==> flow/design.v <==
module core_arith #(
   parameter XLEN = 8
) (
   input  wire CLK,
   input  wire [XLEN-1:0] A,
   input  wire op,
   output wire [XLEN-1:0] d
);
   reg [XLEN-1:0] A_reg;
   reg op_reg;
   always @(posedge CLK) begin
      A_reg <= A;
      op_reg <= op;
   end
   assign d = (A_reg ^ {XLEN{op_reg}}) + op_reg;
endmodule
; Tool chain data of core_arith
; Tool output for the members of one design family, told apart by "XLEN", in the order of the flow.
; The RTL above is that of XLEN = 8; lines are counted from 1 in the file of the member named.
; Not given: n/a
[design]
top = core_arith
clock = CLK
library = sky130hd
lib_corner = tt_025C_1v80

; Source of the members
; Lines of each other member's file that are new or changed against the file above; lines that a member lacks are not shown.
[changed_lines]
columns = XLEN, line
row1 = 20, 2  ; parameter XLEN = 20
row2 = 32, 2  ; parameter XLEN = 32
row3 = 40, 2  ; parameter XLEN = 40
row4 = 56, 2  ; parameter XLEN = 56
row5 = 128, 2  ; parameter XLEN = 128

; Word level
; Source: Yosys, flattened and elaborated, memories not mapped. Widths are those after wreduce; folded enables and synchronous resets count as part of the registers. Registers that Yosys merges into a memory's read port (data or address) are not register bits. Print and check cells do not count. Equal cells are merged and count once.
[word_totals]
columns = XLEN, elab_cells, ff_bits, out_inout_bits, in_bits
row1 = 8, 4, 9, 8, 10
row2 = 20, 4, 21, 20, 22
row3 = 32, 4, 33, 32, 34
row4 = 40, 4, 41, 40, 42
row5 = 56, 4, 57, 56, 58
row6 = 128, 4, 129, 128, 130
[classes]
columns = XLEN, n_addsub, bitwise
row1 = 8, 1, 1
row2 = 20, 1, 1
row3 = 32, 1, 1
row4 = 40, 1, 1
row5 = 56, 1, 1
row6 = 128, 1, 1
[ops]
columns = XLEN, operators
row1 = 8, 1 x 8-bit by 1-bit adder with 8-bit output; 1 x 8-bit bitwise XOR
row2 = 20, 1 x 20-bit by 1-bit adder with 20-bit output; 1 x 20-bit bitwise XOR
row3 = 32, 1 x 32-bit by 1-bit adder with 32-bit output; 1 x 32-bit bitwise XOR
row4 = 40, 1 x 40-bit by 1-bit adder with 40-bit output; 1 x 40-bit bitwise XOR
row5 = 56, 1 x 56-bit by 1-bit adder with 56-bit output; 1 x 56-bit bitwise XOR
row6 = 128, 1 x 128-bit by 1-bit adder with 128-bit output; 1 x 128-bit bitwise XOR

; Longest topological paths
; Depth = most cells in a row (Yosys ltp): at word level without a register or memory, in the mapped netlist without a sequential cell, where the memories' decode and read muxes count.
[logic_depth]
columns = XLEN, word_depth, ABC_AREA, mapped_depth, depth_no_buf
row1 = 8, 2, 0, 7, 7
row2 = 20, 2, 0, 9, 7
row3 = 32, 2, 0, 11, 8
row4 = 40, 2, 0, 12, 9
row5 = 56, 2, 0, 14, 9
row6 = 128, 2, 0, 17, 9

; Netlist
; Yosys stat after the flow's synthesis: flattened, memories mapped to cells. It holds for the ABC_AREA given above (unset counts as 0); a run with the other value may have another netlist.
; The area totals of this step are shown rounded.
[synth_totals]
columns = XLEN, mapped_area_um2, ff_cells, n_buf, seq_area_um2, cell_count
row1 = 8, 457, 9, 1, 180, 44
row2 = 20, 1210, 21, 8, 420, 129
row3 = 32, 2290, 33, 15, 661, 250
row4 = 40, 2550, 41, 9, 821, 284
row5 = 56, 3930, 57, 34, 1140, 464
row6 = 128, 9620, 129, 66, 2580, 1181
[types]
columns = XLEN, type_list
row1 = 8, 9 x sky130_fd_sc_hd__dfxtp_1; 5 x sky130_fd_sc_hd__xnor2_1; 3 x sky130_fd_sc_hd__ha_1; 4 x sky130_fd_sc_hd__xor2_1; 5 x sky130_fd_sc_hd__a21oi_1; 3 x sky130_fd_sc_hd__nand2b_1; 1 x sky130_fd_sc_hd__o22a_4; 1 x sky130_fd_sc_hd__or4b_4; 1 x sky130_fd_sc_hd__o211ai_2; 1 x sky130_fd_sc_hd__a41o_2; 1 x sky130_fd_sc_hd__o31a_2; 1 x sky130_fd_sc_hd__o221ai_1; 1 x sky130_fd_sc_hd__or2b_2; 2 x sky130_fd_sc_hd__nand2_1; 2 x sky130_fd_sc_hd__nor2_1; 1 x sky130_fd_sc_hd__nand4_1; 1 x sky130_fd_sc_hd__o21ai_0; 1 x sky130_fd_sc_hd__clkbuf_1; 1 x sky130_fd_sc_hd__inv_1
row2 = 20, 21 x sky130_fd_sc_hd__dfxtp_1; 21 x sky130_fd_sc_hd__xnor2_1; 6 x sky130_fd_sc_hd__xor2_1; 4 x sky130_fd_sc_hd__mux2i_1; 7 x sky130_fd_sc_hd__a21oi_1; 3 x sky130_fd_sc_hd__and4b_1; 3 x sky130_fd_sc_hd__nor4b_1; 2 x sky130_fd_sc_hd__ha_1; 5 x sky130_fd_sc_hd__nor3_1; 3 x sky130_fd_sc_hd__o31ai_1; 4 x sky130_fd_sc_hd__nand3_1; 5 x sky130_fd_sc_hd__nand2_1; 5 x sky130_fd_sc_hd__nor2_1; 2 x sky130_fd_sc_hd__nand4b_1; 1 x sky130_fd_sc_hd__o22a_4; 1 x sky130_fd_sc_hd__o41ai_2; 4 x sky130_fd_sc_hd__inv_1; 2 x sky130_fd_sc_hd__o21a_1; [+30]
row3 = 32, 33 x sky130_fd_sc_hd__dfxtp_1; 44 x sky130_fd_sc_hd__xnor2_1; 12 x sky130_fd_sc_hd__xor2_1; 15 x sky130_fd_sc_hd__nand2_1; 5 x sky130_fd_sc_hd__mux2i_1; 4 x sky130_fd_sc_hd__nor4_2; 13 x sky130_fd_sc_hd__nor2_1; 7 x sky130_fd_sc_hd__nand2b_1; 5 x sky130_fd_sc_hd__nand3b_1; 6 x sky130_fd_sc_hd__o22ai_1; 3 x sky130_fd_sc_hd__buf_6; 6 x sky130_fd_sc_hd__a21oi_1; 6 x sky130_fd_sc_hd__nand3_1; 1 x sky130_fd_sc_hd__a2111oi_4; 1 x sky130_fd_sc_hd__buf_16; 1 x sky130_fd_sc_hd__o32ai_4; 7 x sky130_fd_sc_hd__inv_1; 4 x sky130_fd_sc_hd__a31oi_1; [+77]
row4 = 40, 41 x sky130_fd_sc_hd__dfxtp_1; 40 x sky130_fd_sc_hd__xnor2_1; 17 x sky130_fd_sc_hd__xor2_1; 20 x sky130_fd_sc_hd__nand2_1; 10 x sky130_fd_sc_hd__nand2b_1; 11 x sky130_fd_sc_hd__a21oi_1; 11 x sky130_fd_sc_hd__o21ai_0; 14 x sky130_fd_sc_hd__nor2_1; 5 x sky130_fd_sc_hd__mux2i_1; 8 x sky130_fd_sc_hd__nor3_1; 6 x sky130_fd_sc_hd__nor2b_1; 6 x sky130_fd_sc_hd__o22ai_1; 4 x sky130_fd_sc_hd__o22a_1; 5 x sky130_fd_sc_hd__or3_1; 4 x sky130_fd_sc_hd__o211ai_1; 2 x sky130_fd_sc_hd__ha_1; 5 x sky130_fd_sc_hd__nand3_1; 4 x sky130_fd_sc_hd__nand4_1; [+71]
row5 = 56, 57 x sky130_fd_sc_hd__dfxtp_1; 75 x sky130_fd_sc_hd__xnor2_1; 23 x sky130_fd_sc_hd__xor2_1; 31 x sky130_fd_sc_hd__nor2_1; 30 x sky130_fd_sc_hd__nand2_1; 18 x sky130_fd_sc_hd__nor3_1; 15 x sky130_fd_sc_hd__a21oi_1; 8 x sky130_fd_sc_hd__and3b_1; 10 x sky130_fd_sc_hd__o22ai_1; 16 x sky130_fd_sc_hd__clkbuf_1; 12 x sky130_fd_sc_hd__nand3_1; 9 x sky130_fd_sc_hd__nor2b_1; 11 x sky130_fd_sc_hd__buf_2; 7 x sky130_fd_sc_hd__nor3b_1; 5 x sky130_fd_sc_hd__mux2i_1; 8 x sky130_fd_sc_hd__nor4_1; 6 x sky130_fd_sc_hd__nand3b_1; 5 x sky130_fd_sc_hd__a22o_1; [+118]
row6 = 128, 129 x sky130_fd_sc_hd__dfxtp_1; 162 x sky130_fd_sc_hd__xnor2_1; 59 x sky130_fd_sc_hd__xor2_1; 113 x sky130_fd_sc_hd__nand2_1; 46 x sky130_fd_sc_hd__nand2b_1; 53 x sky130_fd_sc_hd__nand3_1; 48 x sky130_fd_sc_hd__nor3_1; 61 x sky130_fd_sc_hd__nor2_1; 32 x sky130_fd_sc_hd__o22ai_1; 25 x sky130_fd_sc_hd__nand3b_1; 28 x sky130_fd_sc_hd__nand4_1; 17 x sky130_fd_sc_hd__mux2i_1; 16 x sky130_fd_sc_hd__nand4b_1; 26 x sky130_fd_sc_hd__a21oi_1; 20 x sky130_fd_sc_hd__or3_1; 12 x sky130_fd_sc_hd__and4b_1; 19 x sky130_fd_sc_hd__and3_1; 28 x sky130_fd_sc_hd__clkbuf_1; [+287]
; A list marked [+n] leaves out that many cells.

; Timing after synthesis
; Source: OpenSTA report_checks on the synthesized netlist (no wires, ideal clock, input and output delay 20% of the period each), path of least setup slack; recovery checks are left aside. Register names are those of the netlist, which keeps one name where synthesis merged equal registers.
[synth_timing]
columns = XLEN, path_kind, startpoint, endpoint, driving_pins, tclk_ns, path_delay_ns, slack_ns, synth_period_reached_ns
row1 = 8, register to output, register op_reg, output port d[7], 6, 2.6, 1.667, 0.413, 2.187
row2 = 20, register to output, register op_reg, output port d[16], 10, 3.64, 2.327, 0.585, 3.055
row3 = 32, register to output, register op_reg, output port d[30], 12, 4.04, 2.584, 0.648, 3.392
row4 = 40, register to output, register op_reg, output port d[36], 13, 4.76, 3.047, 0.761, 3.999
row5 = 56, register to output, register op_reg, output port d[40], 15, 4.89, 3.128, 0.784, 4.106
row6 = 128, register to output, register op_reg, output port d[104], 18, 6.89, 4.410, 1.102, 5.788
; "path_delay_ns" = arrival - input delay + setup time.
; A path that ends at an output port has no setup time.
; "driving_pins": output pins that drive a net of the path, with the launching flip-flop's if there is one; two outputs of one cell count as two.
; "synth_period_reached_ns" = period - worst setup slack (recovery checks aside). The figure is calculated, with input and output delays left at 20% of the set period.
; The rows between start and end are the longest chain of elaborated cells between them; the timing report does not say that the signal goes this way. Where chains are equally long, one stands for them.
; A line is the first line of the expression or statement that the cell stems from. Yosys adds cells for indexed reads and writes and turns some case tables into memories.
[synth_via_XLEN_8]
elab_chain_len = 2
[synth_lines_XLEN_8]
columns = element, line
row1 = start: declaration, 10  ; reg op_reg;
row2 = start: assignment, 13  ; op_reg <= op;
row3 = 8-bit bitwise XOR, 15  ; assign d = (A_reg ^ {XLEN{op_reg}}) + op_reg;
row4 = 8-bit by 1-bit adder with 8-bit output, 15
row5 = end: declaration, 7  ; output wire [XLEN-1:0] d
[synth_via_XLEN_128]
elab_chain_len = 2
[synth_lines_XLEN_128]
columns = element, line
row1 = start: declaration, 10  ; reg op_reg;
row2 = start: assignment, 13  ; op_reg <= op;
row3 = 128-bit bitwise XOR, 15  ; assign d = (A_reg ^ {XLEN{op_reg}}) + op_reg;
row4 = 128-bit by 1-bit adder with 128-bit output, 15
row5 = end: declaration, 7  ; output wire [XLEN-1:0] d

; Timing after layout
; Path of least setup slack in the final report of each member's run (OpenROAD, finished layout, wires in). Where an end is a register, its clock arrival counts in the times.
[layout_timing]
columns = XLEN, path_kind, startpoint, endpoint, tclk_ns, t_arrival_ns, n_path_buf, driving_pins, slack_ns
row1 = 8, register to output, register op_reg, output port d[6], 2.6, 1.95, 1, 9, 0.13
row2 = 20, register to output, register op_reg, output port d[10], 3.64, 2.70, 3, 10, 0.21
row3 = 32, register to output, register op_reg, output port d[31], 4.04, 2.91, 2, 8, 0.32
row4 = 40, register to output, register op_reg, output port d[39], 4.76, 3.60, 2, 9, 0.21
row5 = 56, register to output, register op_reg, output port d[44], 4.89, 3.67, 1, 10, 0.24
row6 = 128, register to output, register op_reg, output port d[110], 6.89, 5.17, 2, 10, 0.34

; Flow runs
; One run of the flow (Yosys, OpenROAD) for each member, with settings and measured results. Input and output delays are each 20% of the period that was set; the output load is 0.01 pF.
[settings]
CAP_MARGIN = 20
CORE_MARGIN = 2
CORE_UTILIZATION = 40
SLEW_MARGIN = 20
[settings_by_member]
columns = XLEN, period_ns
row1 = 8, 2.6
row2 = 20, 3.64
row3 = 32, 4.04
row4 = 40, 4.76
row5 = 56, 4.89
row6 = 128, 6.89
[measured]
columns = XLEN, period_less_ws_ns, totalPower_uw, holdWs_ns, finalUtil_frac, setupTns_ns, yosys_chip_area_um2, stdcell_area_um2, final_die_area_um2, final_setup_ws_ns
row1 = 8, 2.472, 347, 0.714, 0.686, 0.000, 457, 742, 1430, 0.128
row2 = 20, 3.431, 532, 0.847, 0.614, 0.000, 1210, 1740, 3490, 0.209
row3 = 32, 3.718, 859, 0.945, 0.549, 0.000, 2290, 3030, 6360, 0.322
row4 = 40, 4.550, 839, 1.09, 0.566, 0.000, 2550, 3530, 7020, 0.210
row5 = 56, 4.650, 1330, 1.06, 0.553, 0.000, 3930, 5330, 10600, 0.240
row6 = 128, 6.552, 2320, 1.38, 0.55, 0.000, 9620, 13000, 25300, 0.338
; "period_less_ws_ns" means the clock period less the worst setup slack. The figure is calculated, with input and output delays left at 20% of the set period.
; "totalPower_uw" is the tool's figure for a default switching activity; nothing was simulated.
; Values from the reports are rounded here.
